==> flow/design.v <==
module mult_blk #(
  parameter int WIDTH = 16,
  parameter int WAYS = 2,
  parameter int OUT_W = 2*WIDTH + $clog2(WAYS)
) (
  input logic sys_clk,
  input logic RST,
  input logic clk_en,
  input logic [WAYS*WIDTH-1:0] rs1,
  input logic [WAYS*WIDTH-1:0] rs2,
  output logic [OUT_W-1:0] p
);
  logic [WAYS*WIDTH-1:0] rs1_reg;
  logic [WAYS*WIDTH-1:0] rs2_reg;
  always_ff @(posedge sys_clk) begin
    if (RST) begin
      rs1_reg <= 0;
      rs2_reg <= 0;
    end else if (clk_en) begin
      rs1_reg <= rs1;
      rs2_reg <= rs2;
    end
  end
  logic [2*WAYS*WIDTH-1:0] part;
  generate
    for (genvar g = 0; g < WAYS; g++) begin : u_g
      assign part[2*g*WIDTH +: 2*WIDTH] = rs1_reg[g*WIDTH +: WIDTH] * rs2_reg[g*WIDTH +: WIDTH];
    end
  endgenerate
  logic [2*WAYS*WIDTH-1:0] part_reg;
  always_ff @(posedge sys_clk) begin
    if (RST) begin
      part_reg <= 0;
    end else if (clk_en) begin
      part_reg <= part;
    end
  end
  logic [OUT_W-1:0] tmp;
  always_comb begin
    tmp = 0;
    for (int k = 0; k < WAYS; k++)
      tmp = tmp + part_reg[2*k*WIDTH +: 2*WIDTH];
  end
  always_ff @(posedge sys_clk) begin
    if (RST) begin
      p <= 0;
    end else if (clk_en) begin
      p <= tmp;
    end
  end
endmodule
# From RTL to reports: mult_blk
# Tool output for the design above, in the order of the flow.
# Line numbers count from 1 in the design file above.
# Operators carry their Yosys type and port widths (W data, S select, Z words).
# Cell names lack the library's common part.
# A cell with -- has no value.
# setup
top	mult_blk
clock	sys_clk
cell_library	sky130hd
corner	tt_025C_1v80

# Word level
# Source: Yosys, flattened and elaborated, memories not mapped. Widths are those after wreduce; folded enables and synchronous resets count as part of the registers. Registers that Yosys merges into a memory's read port (data or address) are not register bits. Print and check cells do not count. Equal cells are merged and count once.
# word_totals
regBits	161
inputBits	67
output_inout_bits	33
word_cells	7
# classes
add_sub_neg	1
n_mul	2
# ops
op	count
$mul A16 B16 Y32	2
$add A32 B32 Y33	1

# Logic depth
# Yosys ltp: most cells in a row. Word level: on the elaborated netlist, between registers, memories and ports. Mapped: between sequential cells and ports; inverters and the memories' decode and read muxes count.
# depth
word_depth	1
ABC_AREA	1
depth_mapped	27
mapped_depth_nobuf	25

# Netlist
# Source: synth_stat.txt of the flow (Yosys; design flattened, memories mapped). It holds for the ABC_AREA given above (unset counts as 0); a run with the other value may have another netlist.
# by_type
type	count	type_area_um2
fa_1	389	7.79E+03
nand2_1	1134	4.26E+03
inv_1	1075	4035.12
dfxtp_1	161	3.22E+03
ha_1	240	3002.88
nor2_1	411	1542.73
clkbuf_1	160	600.576
nand3_1	118	590.566
o21ai_0	111	555.533
a21oi_1	65	325.312
xor2_1	32	280.269
nand3_2	12	120.115
xnor2_1	12	105.101
buf_2	20	100.096
o21bai_1	13	97.594
nand4_1	11	68.816
nor2_2	11	68.816
o21ai_1	12	60.058
# Not listed: further types 12, cells in them 37.
# synth_totals
stdcells	4024
area_um2	27068.5
seqArea_um2	3223.1
ffs	161
n_buf	181

# Path before layout
# OpenSTA on the mapped netlist: ideal clock, no wires. The path of least setup slack (recovery checks aside). Input and output delay are each 20% of the period. Register names are those of the netlist, which keeps one name where synthesis merged equal registers.
# synth_timing
path_kind	register to register
from	register rs1_reg[23]
to	register part_reg[55]
period_ns	7.66
setup_ns	0.109
t_first_pin_ns	0.000
t_arrival_ns	5.180
required_time_ns	7.551
slack_ns	2.371
path_delay_ns	5.289
path_stages	26
n_path_buf	2
period_less_setup_slack_ns	5.289
# "path_delay_ns" = arrival - input delay + setup time.
# "path_stages" counts driving pins, that of a launching flip-flop among them; a cell with two outputs on the path counts twice.
# "period_less_setup_slack_ns" is the clock period less the worst setup slack; recovery checks do not enter. This is arithmetic on one report: input and output delays are still those of the set period (20% each).
# The rows between start and end are the longest chain of elaborated cells between them; the timing report does not say that the signal goes this way. Where chains are equally long, one stands for them.
# A line is the first line of the expression or statement that the cell stems from. Yosys adds cells for indexed reads and writes and turns some case tables into memories.
# synth_between
cell_sequence	dfxtp_1 -> clkbuf_1 -> clkbuf_1 -> nand2_1 -> fa_1 -> inv_1 -> fa_1 -> inv_1 -> fa_1 -> inv_1 -> fa_1 -> fa_1 -> inv_1 -> fa_1 -> inv_1 -> ha_1 -> nand2_1 -> inv_1 -> a21oi_1 -> nand3_2 -> nand3_1 -> nand2_1 -> nand2_1 -> nand3_1 -> nand2_1 -> inv_1
elab_chain_cells	1
cells_between	1
cone_lines	1
classes_between	1 x mul
# synth_rtl
item	line	text
start: declaration	13	logic [WAYS*WIDTH-1:0] rs1_reg;
start: assignment	17	rs1_reg <= 0;
start: assignment	20	rs1_reg <= rs1;
$mul A16 B16 Y32	27	assign part[2*g*WIDTH +: 2*WIDTH] = rs1_reg[g*WIDTH +: WIDTH] * rs2_reg[g*WIDTH +: WIDTH];
end: assignment	33	part_reg <= 0;
end: assignment	35	part_reg <= part;
end: declaration	30	logic [2*WAYS*WIDTH-1:0] part_reg;

# Path in the finished layout
# Path of least setup slack in the final report of run 1 (OpenROAD, finished layout, wires in). Where an end is a register, its clock arrival counts in the times.
# layout_timing
path_kind	register to register
from	register rs2_reg[21]
to	register part_reg[45]
period_ns	11.9
setup_ns	0.11
t_first_pin_ns	0.51
t_arrival_ns	6.89
required_time_ns	12.31
slack_ns	5.42
path_stages	22
n_path_buf	0
# The rows between start and end are the longest chain of elaborated cells between them; the timing report does not say that the signal goes this way. Where chains are equally long, one stands for them.
# layout_between
cell_sequence	dfxtp_1 -> nand2_1 -> inv_1 -> fa_1 -> inv_1 -> fa_1 -> fa_1 -> fa_1 -> inv_1 -> fa_1 -> inv_1 -> fa_1 -> inv_1 -> ha_1 -> nand2_1 -> inv_1 -> a21oi_1 -> nand3_2 -> xnor2_1 -> nand2_1 -> o211ai_1 -> inv_1
elab_chain_cells	1
cells_between	1
cone_lines	1
classes_between	1 x mul
# layout_rtl
item	line	text
start: declaration	14	logic [WAYS*WIDTH-1:0] rs2_reg;
start: assignment	18	rs2_reg <= 0;
start: assignment	21	rs2_reg <= rs2;
$mul A16 B16 Y32	27	assign part[2*g*WIDTH +: 2*WIDTH] = rs1_reg[g*WIDTH +: WIDTH] * rs2_reg[g*WIDTH +: WIDTH];
end: assignment	33	part_reg <= 0;
end: assignment	35	part_reg <= part;
end: declaration	30	logic [2*WAYS*WIDTH-1:0] part_reg;

Memo
Re: implementation data of mult_blk

Flow measurements of mult_blk on sky130hd: 2 stored runs with different settings, listed in no order. Input and output delays are each 20% of the period that was set; the output load is 0.01 pF.
"achieved_clock_period_ns" = clock period - worst setup slack. The figure is calculated, with input and output delays left at 20% of the set period.
"total_power_uw" rests on the timing tool's default activity at the inputs, not on a simulated workload.

Run 1, flow files:
==> flow/run.sh <==
#!/bin/bash
# the make line also repeats the synthesis and layout settings of config.mk as NAME=value (left out here)
make -C /OpenROAD-flow-scripts/flow DESIGN_CONFIG=/design/flow/config.mk WORK_HOME=/design/flow/orfs CLKGATE_MAP_FILE= finish
==> flow/config.mk <==
export PLATFORM = sky130hd
export DESIGN_NAME = mult_blk
export DESIGN_NICKNAME = mult_blk
export VERILOG_FILES = /design/flow/design.v
export SDC_FILE = /design/flow/constraint.sdc
export NUM_CORES = 4
export LEC_CHECK = 0
export ABC_AREA = 1
export CAP_MARGIN = 20
export CELL_PAD_IN_SITES_DETAIL_PLACEMENT = 2
export CORE_ASPECT_RATIO = 1.29
export CORE_MARGIN = 6
export CORE_UTILIZATION = 35
export CTS_CLUSTER_SIZE = 34
export PLACE_DENSITY_LB_ADDON = 0.2
export SETUP_SLACK_MARGIN = 0.21
export SLEW_MARGIN = 20
export TNS_END_PERCENT = 45
==> flow/constraint.sdc <==
create_clock -name core_clock -period 11.9 [get_ports {sys_clk}]
set_input_delay 2.3800 -clock core_clock [delete_from_list [all_inputs] [get_ports {sys_clk}]]
set_output_delay 2.3800 -clock core_clock [all_outputs]
set_load 0.01 [all_outputs]

==> results of run 1, as CSV <==
result,value
total_power_uw,3109
synthArea_um2,27068.5
die_footprint_um2,84210.8
achieved_clock_period_ns,6.479
worst_setup_slack_ns,5.421
final_cell_area_um2,29324.4
worst_hold_slack_ns,0.499

Run 2, flow files:
==> flow/run.sh <==
#!/bin/bash
# the make line also repeats the synthesis and layout settings of config.mk as NAME=value (left out here)
make -C /OpenROAD-flow-scripts/flow DESIGN_CONFIG=/design/flow/config.mk WORK_HOME=/design/flow/orfs CLKGATE_MAP_FILE= finish
==> flow/config.mk <==
export PLATFORM = sky130hd
export DESIGN_NAME = mult_blk
export DESIGN_NICKNAME = mult_blk
export VERILOG_FILES = /design/flow/design.v
export SDC_FILE = /design/flow/constraint.sdc
export NUM_CORES = 4
export LEC_CHECK = 0
export CAP_MARGIN = 20
export CORE_MARGIN = 2
export CORE_UTILIZATION = 40
export SLEW_MARGIN = 20
==> flow/constraint.sdc <==
create_clock -name core_clock -period 7.66 [get_ports {sys_clk}]
set_input_delay 1.5320 -clock core_clock [delete_from_list [all_inputs] [get_ports {sys_clk}]]
set_output_delay 1.5320 -clock core_clock [all_outputs]
set_load 0.01 [all_outputs]

==> results of run 2, as CSV <==
result,value
total_power_uw,3047
synthArea_um2,24283.3
die_footprint_um2,62695.2
achieved_clock_period_ns,6.692
worst_setup_slack_ns,0.968
final_cell_area_um2,26527.9
worst_hold_slack_ns,0.457
